==> flow/design.v <==
module sync_registers_n #(
    parameter WORDS = 24,
    parameter W = 8,
    parameter AW = $clog2(WORDS)
) (
    input wire clock,
    input wire rst_n,
    input wire in_write,
    input wire [AW-1:0] in_wr_addr,
    input wire [W-1:0] in_wd,
    input wire [AW-1:0] in_read_addr_a,
    input wire [AW-1:0] in_read_addr_b,
    output wire [W-1:0] out_dout_a,
    output wire [W-1:0] out_dout_b
);
    reg write_d1;
    reg [AW-1:0] wr_addr_d1;
    reg [W-1:0] wd_d1;
    always @(posedge clock or negedge rst_n) begin
        if (!rst_n) begin
            write_d1 <= 1'b0;
            wr_addr_d1 <= 0;
            wd_d1 <= 0;
        end else begin
            write_d1 <= in_write;
            wr_addr_d1 <= in_wr_addr;
            wd_d1 <= in_wd;
        end
    end
    reg [W-1:0] mem [WORDS-1:0];
    always @(posedge clock) begin
        if (write_d1)
            mem[wr_addr_d1] <= wd_d1;
    end
    reg [AW-1:0] read_addr_a_d1;
    reg [AW-1:0] read_addr_b_d1;
    always @(posedge clock or negedge rst_n) begin
        if (!rst_n) begin
            read_addr_a_d1 <= 0;
            read_addr_b_d1 <= 0;
        end else begin
            read_addr_a_d1 <= in_read_addr_a;
            read_addr_b_d1 <= in_read_addr_b;
        end
    end
    assign out_dout_a = mem[read_addr_a_d1];
    assign out_dout_b = mem[read_addr_b_d1];
endmodule
# Step by step through the tools: sync_registers_n
# Tool output for the design above, in the order of the flow.
# Lines are those of the file above, counted from 1.
# Operators: Yosys type, input widths -> output width; for muxes data width and select width s.
# Cell names lack the library's common part.
# The mark - stands for no value.
# inputs
top	sync_registers_n
clk_port	clock
library	sky130hd
pvt_corner	tt_025C_1v80

# After elaboration
# Counts by Yosys on the flattened word-level netlist (proc, flatten, opt, wreduce; memories kept). Register bits leave out memories and registers merged into their read ports (data or address); mux counts leave out enables and synchronous resets folded into registers. Print and check cells are left out. Cells with the same type and inputs are merged into one.
# Memory sizes are those after Yosys's memory passes, which may raise the word count (mostly to a power of two), join words into wider ones and drop unused or constant bits.
# word_totals
clocked_rd_ports_x_width	0
ramBits	192
mem_count	1
latch_bits	0
romBits	0
wordCells	9
reg_bits	24
# op_classes
eq_ne	0
bitwise	0
compare	0
reduce_and_logical	0
add_sub_neg	0
n_mux	3
multipliers	0
shifts	0
div	0
# memory_table
memory	size	word_bits	read_ports	wr	line	text
mem	24	8	2	1	30	reg [W-1:0] mem [WORDS-1:0];
# op_table
cell	count
$mux 8	1
$mux 5	1
$mux 1	1

# Logic depth
# Longest topological path by Yosys (ltp), each cell counted once; first at word level (registers and memories cut), then after technology mapping (sequential cells cut; the memories' decode and read muxes count).
# logic_depth
depth_word	1
ABC_AREA	0
ltp_mapped	7

# After synthesis
# Source: synth_stat.txt of the flow (Yosys; design flattened, memories mapped). It holds for the ABC_AREA given above (unset counts as 0); a run with the other value may have another netlist.
# by_type
cell_type	count
edfxtp_1	192
mux4_2	49
mux2i_1	80
dfrtp_1	24
mux4_1	15
a2bb2oi_1	16
o311ai_1	16
a22oi_1	16
o211ai_1	16
buf_6	10
nor2_1	25
buf_2	16
nand3_1	16
nand2_1	17
clkbuf_1	9
nor2b_1	5
nand3b_1	4
or3b_2	3
# Other cell types: 6; their cells: 12.
# synth_totals
cell_count	541
flip_flops	216
synth_area_um2	9825.7
buffers	42

# Worst setup path after synthesis
# OpenSTA on the mapped netlist: ideal clock, no wires. The path of least setup slack (recovery checks aside). Input and output delay are each 20% of the period. Register names are those of the netlist, which keeps one name where synthesis merged equal registers.
# synth_timing
kind	reg2out
start	register read_addr_b_d1[0]
end	output port out_dout_b[0]
output_delay_ns	0.456
path_buffers	2
required_time_ns	1.824
period_ns	2.28
arrival_ns	1.462
launch_ns	0.000
stages	6
slack_ns	0.362
delay_ns	1.462
period_less_setup_slack_ns	1.918
# "delay_ns" is the arrival time less input delay plus setup time.
# At an output port there is no setup time.
# "stages" counts driving pins, that of a launching flip-flop among them; a cell with two outputs on the path counts twice.
# "period_less_setup_slack_ns" = period - worst setup slack (recovery checks aside). The figure is calculated, with input and output delays left at 20% of the set period.
# Between the ends stands the longest chain of elaborated cells between them, by number of cells; it is not shown to be the way that was timed. Of several equally long chains one is given.
# Each line given opens the expression or statement behind the cell; cells for indexed reads and writes are added by Yosys, which also makes memories of some case tables.
# A memory read counts as a cell of the chain, while the word-level depth stops at memories.
# synth_via
path_cell_list	dfrtp_1 > buf_6 > buf_6 > mux4_2 > o211ai_1 > o311ai_1
elab_chain_cells	1
# synth_lines
element	line	text
from (decl)	36	reg [AW-1:0] read_addr_b_d1;
from (assign)	40	read_addr_b_d1 <= 0;
from (assign)	43	read_addr_b_d1 <= in_read_addr_b;
$mem_v2 24x8	30	reg [W-1:0] mem [WORDS-1:0];
to (decl)	14	output wire [W-1:0] out_dout_b

# Timing after layout
# Path of least setup slack in the final report of entry A (OpenROAD, finished layout, wires in). Where an end is a register, its clock arrival counts in the times.
# layout_timing
kind	reg2out
start	register read_addr_b_d1[0]
end	output port out_dout_b[2]
period_ns	1.62
slack_ns	-1.18
path_buffers	4
arrival_ns	2.48
launch_ns	0.51
stages	8
output_delay_ns	0.32
required_time_ns	1.30
# Between the ends stands the longest chain of elaborated cells between them, by number of cells; it is not shown to be the way that was timed. Of several equally long chains one is given.
# A memory read counts as a cell of the chain, while the word-level depth stops at memories.
# layout_via
path_cell_list	dfrtp_4 > buf_12 > buf_16 > mux4_2 > mux2i_2 > buf_4 > o311ai_2 > buf_2
elab_chain_cells	1
# layout_lines
element	line	text
from (decl)	36	reg [AW-1:0] read_addr_b_d1;
from (assign)	40	read_addr_b_d1 <= 0;
from (assign)	43	read_addr_b_d1 <= in_read_addr_b;
$mem_v2 24x8	30	reg [W-1:0] mem [WORDS-1:0];
to (decl)	14	output wire [W-1:0] out_dout_b

Ticket comment

Below are 3 stored runs of the flow (Yosys, OpenROAD; platform sky130hd) on sync_registers_n, each with its settings and what was measured, unordered. Constraints: input delay and output delay 20% of the set period each, output load 0.01 pF.
"timing.achieved_period_ns" is the run's clock period less its worst setup slack. It is reckoned from that one timing run; input and output delays stay at 20% of the period that was set.
"fin_power_mw" is the tool's figure for a default switching activity; nothing was simulated.

Entry A, flow files:
==> flow/run.sh <==
#!/bin/bash
# the make line also repeats the synthesis and layout settings of config.mk as NAME=value (left out here)
make -C /OpenROAD-flow-scripts/flow DESIGN_CONFIG=/design/flow/config.mk WORK_HOME=/design/flow/orfs CLKGATE_MAP_FILE= finish
==> flow/config.mk <==
export PLATFORM = sky130hd
export DESIGN_NAME = sync_registers_n
export DESIGN_NICKNAME = sync_registers_n
export VERILOG_FILES = /design/flow/design.v
export SDC_FILE = /design/flow/constraint.sdc
export NUM_CORES = 4
export LEC_CHECK = 0
export CAP_MARGIN = 15
export CELL_PAD_IN_SITES_GLOBAL_PLACEMENT = 0
export CORE_MARGIN = 2
export CORE_UTILIZATION = 35
export CTS_CLUSTER_SIZE = 88
export MAX_ROUTING_LAYER = met4
export PLACE_DENSITY_LB_ADDON = 0.21
export SETUP_SLACK_MARGIN = 0.13
export SLEW_MARGIN = 20
export TNS_END_PERCENT = 100
==> flow/constraint.sdc <==
create_clock -name core_clock -period 1.62 [get_ports {clock}]
set_input_delay 0.3240 -clock core_clock [delete_from_list [all_inputs] [get_ports {clock}]]
set_output_delay 0.3240 -clock core_clock [all_outputs]
set_load 0.01 [all_outputs]

==> results of entry A, as CSV <==
result,value
post_synth_area_um2,9825.7
design_die_area_um2,29429.4
stdcell_area_um2,13085.0
util_frac,0.472
setup_worst_slack_ns,-1.182
fin_power_mw,13.023
timing.achieved_period_ns,2.802

Entry B, flow files:
==> flow/run.sh <==
#!/bin/bash
# the make line also repeats the synthesis and layout settings of config.mk as NAME=value (left out here)
make -C /OpenROAD-flow-scripts/flow DESIGN_CONFIG=/design/flow/config.mk WORK_HOME=/design/flow/orfs CLKGATE_MAP_FILE= finish
==> flow/config.mk <==
export PLATFORM = sky130hd
export DESIGN_NAME = sync_registers_n
export DESIGN_NICKNAME = sync_registers_n
export VERILOG_FILES = /design/flow/design.v
export SDC_FILE = /design/flow/constraint.sdc
export NUM_CORES = 4
export LEC_CHECK = 0
export CAP_MARGIN = 20
export CORE_MARGIN = 2
export CORE_UTILIZATION = 40
export SLEW_MARGIN = 20
==> flow/constraint.sdc <==
create_clock -name core_clock -period 2.28 [get_ports {clock}]
set_input_delay 0.4560 -clock core_clock [delete_from_list [all_inputs] [get_ports {clock}]]
set_output_delay 0.4560 -clock core_clock [all_outputs]
set_load 0.01 [all_outputs]

==> results of entry B, as CSV <==
result,value
post_synth_area_um2,9825.7
design_die_area_um2,25834.1
stdcell_area_um2,12154.2
util_frac,0.501
setup_worst_slack_ns,-0.544
fin_power_mw,8.899
timing.achieved_period_ns,2.824

Entry C, flow files:
==> flow/run.sh <==
#!/bin/bash
# the make line also repeats the synthesis and layout settings of config.mk as NAME=value (left out here)
make -C /OpenROAD-flow-scripts/flow DESIGN_CONFIG=/design/flow/config.mk WORK_HOME=/design/flow/orfs CLKGATE_MAP_FILE= finish
==> flow/config.mk <==
export PLATFORM = sky130hd
export DESIGN_NAME = sync_registers_n
export DESIGN_NICKNAME = sync_registers_n
export VERILOG_FILES = /design/flow/design.v
export SDC_FILE = /design/flow/constraint.sdc
export NUM_CORES = 4
export LEC_CHECK = 0
export CAP_MARGIN = 40
export CELL_PAD_IN_SITES_DETAIL_PLACEMENT = 1
export CELL_PAD_IN_SITES_GLOBAL_PLACEMENT = 2
export CORE_ASPECT_RATIO = 0.75
export CORE_MARGIN = 3
export CORE_UTILIZATION = 36
export GPL_ROUTABILITY_DRIVEN = 1
export MAX_ROUTING_LAYER = met5
export MIN_ROUTING_LAYER = met2
export PLACE_DENSITY_LB_ADDON = 0.1
export SETUP_SLACK_MARGIN = -0.17
export SLEW_MARGIN = 20
==> flow/constraint.sdc <==
create_clock -name core_clock -period 2.42 [get_ports {clock}]
set_input_delay 0.4840 -clock core_clock [delete_from_list [all_inputs] [get_ports {clock}]]
set_output_delay 0.4840 -clock core_clock [all_outputs]
set_load 0.01 [all_outputs]

==> results of entry C, as CSV <==
result,value
post_synth_area_um2,9825.7
design_die_area_um2,29332.7
stdcell_area_um2,12449.4
util_frac,0.471
setup_worst_slack_ns,-0.530
fin_power_mw,8.752
timing.achieved_period_ns,2.950
